==> flow/design.v <==
module alu_comparator_mod #(
  parameter DW = 112
) (
  input  logic clock,
  input  logic RSTN,
  input  logic [DW-1:0] u,
  input  logic [DW-1:0] v,
  input  logic [DW-1:0] w,
  output logic [DW-1:0] o
);
  logic [DW-1:0] u_s;
  always_ff @(posedge clock or negedge RSTN) begin
    if (!RSTN) begin
      u_s <= '0;
    end else begin
      u_s <= u;
    end
  end
  logic [DW-1:0] v_s;
  always_ff @(posedge clock or negedge RSTN) begin
    if (!RSTN) begin
      v_s <= '0;
    end else begin
      v_s <= v;
    end
  end
  logic [DW-1:0] w_s;
  always_ff @(posedge clock or negedge RSTN) begin
    if (!RSTN) begin
      w_s <= '0;
    end else begin
      w_s <= w;
    end
  end
  assign o = (u_s < v_s) ? v_s : (u_s > w_s) ? w_s : u_s;
endmodule
==> Reports on alu_comparator_mod <==
Tool output for the design above, in the order of the flow.
Line numbers count from 1 in the design file above.
Cell names lack the library's common part.
{ "inputs": {"design": "alu_comparator_mod", "clock": "clock", "lib": "sky130hd", "corner": "tt_025C_1v80"} }

==> Word level <==
Yosys after proc, flatten, opt, wreduce and memory -nomap, before mapping. Enables and synchronous resets that opt folds into registers are not counted as muxes. Memory bits, and registers merged into a memory's read port (data or address), are not among the register bits. Print and check cells are not counted. Equal cells are merged and count once.
{ "op_classes": {"n_addsub": 0, "n_logic": 0, "div": 0, "muxes": 2, "cmp": 2, "n_reduce_logical": 0, "n_shift": 0, "eq_ne": 0, "mul": 0} }
{ "ops": {"columns": ["operator", "count"], "rows": [
  ["2-to-1 mux 112 bit", 2],
  ["greater-than comparator 112 bit", 1],
  ["less-than comparator 112 bit", 1]
]} }
{ "bits": {"ram_bits": 0, "clocked_rd_ports_x_width": 0, "wordCells": 7, "latchBits": 0, "out_inout_bits": 112, "register_bits": 336, "inputBits": 338, "n_memories": 0, "rom_bits": 0} }

==> Longest topological paths <==
Longest topological path by Yosys (ltp), each cell counted once; first at word level (registers and memories cut), then after technology mapping (sequential cells cut; the memories' decode and read muxes count).
{ "depth": {"ltp_word": 3, "ABC_AREA": 0, "mapped_depth": 13, "depth_no_buf": 10} }

==> Synthesis result <==
Source: synth_stat.txt of the flow (Yosys; design flattened, memories mapped). It holds for the ABC_AREA given above (unset counts as 0); a run with the other value may have another netlist.
The area totals of this step are shown rounded.
{ "types": {"columns": ["type", "count", "type_area_um2"], "rows": [
  ["dfrtp_1", 336, 8.41E+03],
  ["ha_1", 223, 2.79E+03],
  ["inv_1", 227, 852.067],
  ["a31oi_1", 114, 713.184],
  ["nand3_1", 129, 645.619],
  ["nor3_1", 118, 590.566],
  ["a21oi_1", 84, 420.403],
  ["o21ai_1", 81, 405.389],
  ["o21ai_0", 54, 270.259],
  ["nand4_1", 40, 250.24],
  ["a21o_1", 31, 232.723],
  ["clkbuf_1", 56, 210.202],
  ["nand2_1", 49, 183.926],
  ["buf_6", 10, 112.608],
  ["and4_1", 8, 70.067],
  ["buf_4", 9, 67.565],
  ["nor2_1", 16, 60.058],
  ["a221oi_1", 6, 52.55]
]} }
Other cell types: 33; their cells: 73.
{ "synth_totals": {"cell_count": 1664, "buf_cells": 86, "seqArea_mm2": 0.00841, "mapped_area_mm2": 0.0169, "flip_flops": 336} }

==> Timing after synthesis <==
Path of least setup slack by OpenSTA after synthesis, without wires, with an ideal clock, recovery checks aside; 20% of the period is set as input and as output delay. Where synthesis merged equal registers, the netlist keeps one of their names.
{ "synth_timing": {"path_kind": "register to output", "from": "register u_s[93]", "to": "output port o[0]", "out_delay_ns": 0.868, "setup_slack_ns": 0.692, "driving_pins": 12, "tclk_ns": 4.34, "launch_ns": 0.000, "delay_ns": 2.780, "n_path_buf": 2, "required_ns": 3.472, "t_arrival_ns": 2.780, "period_less_setup_slack_ns": 3.648} }
"delay_ns" = arrival - input delay + setup time.
At an output port there is no setup time.
"driving_pins" counts driving pins, that of a launching flip-flop among them; a cell with two outputs on the path counts twice.
"period_less_setup_slack_ns" = period - worst setup slack (recovery checks aside). The figure is calculated, with input and output delays left at 20% of the set period.
Between the ends stands the longest chain of elaborated cells between them, by number of cells; it is not shown to be the way that was timed. Of several equally long chains one is given.
Each line given opens the expression or statement behind the cell; cells for indexed reads and writes are added by Yosys, which also makes memories of some case tables.
{ "synth_via": {"path_cell_list": "dfrtp_1 ha_1 nand4_1 nor4_2 nand4_1 or4_4 a311o_1 nand4_2 buf_4 buf_4 nand3_1 a31oi_1", "elab_chain_cells": 3, "cells_between": 4, "cone_lines": 1, "cone_classes": "compare: 2; mux: 2"} }
{ "synth_lines": {"columns": ["item", "line_no", "text"], "rows": [
  ["from (decl)", 11, "logic [DW-1:0] u_s;"],
  ["from (assign)", 14, "u_s <= '0;"],
  ["from (assign)", 16, "u_s <= u;"],
  ["greater-than comparator 112 bit", 35, "assign o = (u_s < v_s) ? v_s : (u_s > w_s) ? w_s : u_s;"],
  ["2-to-1 mux 112 bit x2", 35, null],
  ["to (decl)", 9, "output logic [DW-1:0] o"]
]} }

==> Worst path after layout <==
From the final timing report of flow run 1: the path of least setup slack in the routed layout; clock arrival at registers is part of the times.
{ "layout_timing": {"path_kind": "register to output", "from": "register w_s[82]", "to": "output port o[0]", "n_path_buf": 7, "launch_ns": 0.56, "tclk_ns": 4.34, "out_delay_ns": 0.87, "driving_pins": 18, "setup_slack_ns": -0.84, "t_arrival_ns": 4.32, "required_ns": 3.47} }
Between the ends stands the longest chain of elaborated cells between them, by number of cells; it is not shown to be the way that was timed. Of several equally long chains one is given.
{ "layout_via": {"path_cell_list": "dfrtp_1 inv_1 ha_4 nand4_1 nor4_4 nand4_1 or4_4 a311o_1 nand4_4 buf_12 buf_12 buf_8 buf_6 buf_6 buf_6 nand3_2 a31oi_1 buf_2", "elab_chain_cells": 3, "cells_between": 3, "cone_lines": 1, "cone_classes": "compare: 1; mux: 2"} }
{ "layout_lines": {"columns": ["item", "line_no", "text"], "rows": [
  ["from (decl)", 27, "logic [DW-1:0] w_s;"],
  ["from (assign)", 30, "w_s <= '0;"],
  ["from (assign)", 32, "w_s <= w;"],
  ["greater-than comparator 112 bit", 35, "assign o = (u_s < v_s) ? v_s : (u_s > w_s) ? w_s : u_s;"],
  ["2-to-1 mux 112 bit x2", 35, null],
  ["to (decl)", 9, "output logic [DW-1:0] o"]
]} }

Appendix: measured runs

Module alu_comparator_mod, platform sky130hd: 3 stored runs of the flow (Yosys, OpenROAD) with differing settings, in no particular order. Input and output delays are each 20% of the period that was set; the output load is 0.01 pF.
"clock period achieved" = clock period - worst setup slack. The figure is calculated, with input and output delays left at 20% of the set period.
"worst setup path time" = time allowed to the worst setup path (clock period - input delay - output delay, where it has them) - its slack; a late launch clock adds to it, a late capture clock takes from it.
"total power of the final layout" rests on the timing tool's default activity at the inputs, not on a simulated workload.
Measured values are rounded.

==> flow run 1: settings <==
{ "period_ns": 4.34, "CAP_MARGIN": 20, "CORE_MARGIN": 2, "CORE_UTILIZATION": 40, "SLEW_MARGIN": 20 }
==> flow run 1: results <==
worst setup path time: 4.32 ns
worst setup path kind: register to output
final design utilization: 65.2 %
setup slack of the critical path: -0.845 ns
area of the synthesized netlist: 0.0169 mm^2
standard-cell area after routing: 0.0273 mm^2
total negative setup slack: -78.5 ns
total power of the final layout: 0.0092 W
clock period achieved: 5.185 ns
die area: 0.0439 mm^2

==> flow run 2: settings <==
{ "period_ns": 2.59, "CORE_UTILIZATION": 23, "PLACE_DENSITY": 0.43, "CELL_PAD_IN_SITES_GLOBAL_PLACEMENT": 2, "CELL_PAD_IN_SITES_DETAIL_PLACEMENT": 1, "GPL_TIMING_DRIVEN": 1, "GPL_ROUTABILITY_DRIVEN": 0, "CTS_CLUSTER_SIZE": 64, "CAP_MARGIN": 20, "CORE_MARGIN": 2, "SLEW_MARGIN": 20 }
==> flow run 2: results <==
worst setup path time: 4.51 ns
worst setup path kind: register to output
final design utilization: 41.2 %
setup slack of the critical path: -2.44 ns
area of the synthesized netlist: 0.0169 mm^2
standard-cell area after routing: 0.03 mm^2
total negative setup slack: -259 ns
total power of the final layout: 0.0173 W
clock period achieved: 5.031 ns
die area: 0.0757 mm^2

==> flow run 3: settings <==
{ "period_ns": 3.36, "CORE_UTILIZATION": 37, "SETUP_SLACK_MARGIN": 0.04, "PLACE_DENSITY_LB_ADDON": 0.07, "CORE_MARGIN": 9, "CELL_PAD_IN_SITES_GLOBAL_PLACEMENT": 1, "TNS_END_PERCENT": 30, "ABC_AREA": 1, "CAP_MARGIN": 35, "SLEW_MARGIN": 0 }
==> flow run 3: results <==
worst setup path time: 3.41 ns
worst setup path kind: register to output
final design utilization: 58.2 %
setup slack of the critical path: -0.719 ns
area of the synthesized netlist: 0.0174 mm^2
standard-cell area after routing: 0.0271 mm^2
total negative setup slack: -70.7 ns
total power of the final layout: 0.0124 W
clock period achieved: 4.079 ns
die area: 0.0553 mm^2
